==> flow/design.v <==
module as_core_n #(
    parameter WIDTH = 8
) (
    input  wire clk,
    input  wire [WIDTH-1:0] i_op_a,
    input  wire [WIDTH-1:0] i_op_b,
    output wire [WIDTH-1:0] o_res
);
    reg [WIDTH-1:0] op_a_r;
    reg [WIDTH-1:0] op_b_r;
    always @(posedge clk) begin
        op_a_r <= i_op_a;
        op_b_r <= i_op_b;
    end
    assign o_res = (op_a_r > op_b_r) ? op_a_r - op_b_r : op_b_r - op_a_r;
endmodule
## From RTL to reports: as_core_n

The steps from the RTL of as_core_n to its reports follow in flow order.
Lines are those of the file above, counted from 1.
Cell names lack the library's common part.
The mark - stands for no value.

| set-up | value |
|---|---|
| top module | as_core_n |
| clock port | clk |
| library | sky130hd |
| corner | tt_025C_1v80 |

## Elaborated design

Yosys after proc, flatten, opt, wreduce and memory -nomap, before mapping. Enables and synchronous resets that opt folds into registers are not counted as muxes. Memory bits, and registers merged into a memory's read port (data or address), are not among the register bits. Print and check cells are not counted. Equal cells are merged and count once.

| cells by class | value |
|---|---|
| add/sub/neg operators | 2 |
| $mul | 0 |
| div/mod/pow operators | 0 |
| order comparisons | 1 |
| equal/unequal tests | 0 |
| shift-type cells | 0 |
| multiplexer cells | 1 |
| bitwise operators | 0 |
| reduce/logical cells | 0 |

Operators by type and width:

| cell | count |
|---|---|
| 8-bit subtractor | 2 |
| 8-bit > comparator | 1 |
| 8-bit two-way mux | 1 |

| bit counts | value |
|---|---|
| bits in registers | 16 |
| latch bits | 0 |
| bits in writable memories | 0 |
| memory bits (read-only) | 0 |
| clocked read ports x word width | 0 |
| memories | 0 |
| bits of input ports | 17 |
| output and inout port bits | 8 |
| word-level cells | 6 |

## Logic depth

Longest topological path by Yosys (ltp), each cell counted once; first at word level (registers and memories cut), then after technology mapping (sequential cells cut; the memories' decode and read muxes count).

| logic depth | value |
|---|---|
| depth in word-level cells | 2 |
| ABC_AREA | 0 |
| depth in mapped cells | 9 |

## After synthesis

Source: synth_stat.txt of the flow (Yosys; design flattened, memories mapped). It holds for the ABC_AREA given above (unset counts as 0); a run with the other value may have another netlist.
Totals and module areas in this step are rounded.

Cells by type:

| cell type | count |
|---|---|
| dfxtp_1 | 16 |
| ha_1 | 15 |
| mux2i_1 | 7 |
| inv_1 | 16 |
| fa_1 | 2 |
| xor2_1 | 4 |
| o21ai_0 | 6 |
| a31oi_1 | 4 |
| buf_6 | 2 |
| a21oi_1 | 4 |
| a21o_2 | 2 |
| a311oi_1 | 2 |
| xnor2_1 | 2 |
| a211oi_1 | 2 |
| a21o_1 | 2 |
| a211oi_2 | 1 |
| nand2_1 | 3 |
| nor2_1 | 3 |

Other cell types: 9; their cells: 9.

| synthesis totals | value |
|---|---|
| cells in the netlist | 102 |
| mapped area | 993.5 um^2 |
| sequential area | 320.3 um^2 |
| mapped flip-flops | 16 |

## Path before layout

Path of least setup slack by OpenSTA after synthesis, without wires, with an ideal clock, recovery checks aside; 20% of the period is set as input and as output delay. Where synthesis merged equal registers, the netlist keeps one of their names.

| timing path post-synthesis | value |
|---|---|
| path kind | reg2out |
| start point | register op_a_r[0] |
| end point | output port o_res[2] |
| clock period | 3.05 ns |
| launch time at the first pin | 0.000 ns |
| arrival | 1.949 ns |
| required time | 2.440 ns |
| path slack | 0.491 ns |
| path delay | 1.949 ns |
| stages on the path | 10 |
| buffers on the path | 1 |
| synthesis period reached | 2.559 ns |

"path delay" is the arrival time less input delay plus setup time.
A path that ends at an output port has no setup time.
"stages on the path": output pins that drive a net of the path, with the launching flip-flop's if there is one; two outputs of one cell count as two.
"synthesis period reached" is the clock period less the worst setup slack; recovery checks do not enter. This is arithmetic on one report: input and output delays are still those of the set period (20% each).
Between the ends stands the longest chain of elaborated cells between them, by number of cells; it is not shown to be the way that was timed. Of several equally long chains one is given.
A line is the first line of the expression or statement that the cell stems from. Yosys adds cells for indexed reads and writes and turns some case tables into memories.

| between the ends, post-synthesis | value |
|---|---|
| cell sequence | dfxtp_1 > inv_1 > ha_1 > fa_1 > nand3b_1 > a21oi_1 > o31a_1 > buf_6 > mux2i_1 > xor2_1 |
| cells in the longest elaborated chain | 2 |
| elaborated cells between the ends (all ways) | 4 |
| classes of those cells | add/sub: 2; compare: 1; mux: 1 |

Ends and longest elaborated chain, post-synthesis:

| what | RTL line | RTL |
|---|---|---|
| start, declared | 9 | `reg [WIDTH-1:0] op_a_r;` |
| start, assigned | 12 | `op_a_r <= i_op_a;` |
| 8-bit subtractor | 15 | `assign o_res = (op_a_r > op_b_r) ? op_a_r - op_b_r : op_b_r - op_a_r;` |
| 8-bit two-way mux | 15 |  |
| end, declared | 7 | `output wire [WIDTH-1:0] o_res` |

## Timing after layout

Path of least setup slack in the final report of stored run 1 (OpenROAD, finished layout, wires in). Where an end is a register, its clock arrival counts in the times.

| timing path after layout | value |
|---|---|
| path kind | reg2out |
| start point | register op_a_r[0] |
| end point | output port o_res[5] |
| clock period | 2.6 ns |
| launch time at the first pin | 0.29 ns |
| arrival | 2.38 ns |
| required time | 2.08 ns |
| path slack | -0.30 ns |
| stages on the path | 11 |
| buffers on the path | 2 |

Between the ends stands the longest chain of elaborated cells between them, by number of cells; it is not shown to be the way that was timed. Of several equally long chains one is given.

| between the ends, after layout | value |
|---|---|
| cell sequence | dfxtp_2 > inv_2 > ha_4 > fa_2 > nand3b_1 > a21oi_2 > o31a_1 > buf_6 > mux2i_2 > xor2_1 > buf_2 |
| cells in the longest elaborated chain | 2 |
| elaborated cells between the ends (all ways) | 4 |
| classes of those cells | add/sub: 2; compare: 1; mux: 1 |

Ends and longest elaborated chain, after layout:

| what | RTL line | RTL |
|---|---|---|
| start, declared | 9 | `reg [WIDTH-1:0] op_a_r;` |
| start, assigned | 12 | `op_a_r <= i_op_a;` |
| 8-bit subtractor | 15 | `assign o_res = (op_a_r > op_b_r) ? op_a_r - op_b_r : op_b_r - op_a_r;` |
| 8-bit two-way mux | 15 |  |
| end, declared | 7 | `output wire [WIDTH-1:0] o_res` |

Ticket comment

Top module as_core_n; platform sky130hd; tools Yosys and OpenROAD; 3 stored runs in no particular order. Input and output delays are each 20% of the period that was set; the output load is 0.01 pF.
"reached clock period" means the clock period less the worst setup slack. The figure is calculated, with input and output delays left at 20% of the set period.
By "total design power" is meant OpenSTA's value without simulated activity: inputs other than the clock are taken to toggle once in ten clock periods, and the tool carries that through the logic.
Results are given in rounded form.
A setting shown as . is not set for that run.

| run name | period_ns | CORE_UTILIZATION | PLACE_DENSITY_LB_ADDON | HOLD_SLACK_MARGIN | CORE_ASPECT_RATIO | CELL_PAD_IN_SITES_GLOBAL_PLACEMENT | ABC_AREA | GPL_TIMING_DRIVEN | MIN_ROUTING_LAYER | MAX_ROUTING_LAYER | CAP_MARGIN | CORE_MARGIN | SLEW_MARGIN | CTS_CLUSTER_DIAMETER | reached clock period (ns) | total design power (µW) | die outline area (um^2) | lowest setup slack (ns) | area of the synthesized netlist (um^2) | standard-cell area of the final layout (um^2) | summed negative setup slack (ns) | smallest hold slack (ns) |
|---|---|---|---|---|---|---|---|---|---|---|---|---|---|---|---|---|---|---|---|---|---|---|
| stored run 1 | 2.6 | 29 | 0.11 | -0.09 | 1.1 | 2 | 0 | 1 | met2 | met5 | 20 | 2 | 20 | . | 2.896 | 717.6 | 3910 | -0.296 | 993.5 | 1464 | -1.902 | 0.648 |
| stored run 2 | 3.05 | 40 | . | . | . | . | . | . | . | . | 20 | 2 | 20 | . | 3.108 | 597.9 | 2898 | -0.058 | 993.5 | 1383 | -0.080 | 0.750 |
| stored run 3 | 1.73 | 19 | 0.07 | . | . | 0 | . | . | met2 | met5 | 20 | 2 | 10 | 93 | 2.662 | 1169 | 5823 | -0.932 | 993.5 | 1549 | -6.335 | 0.521 |
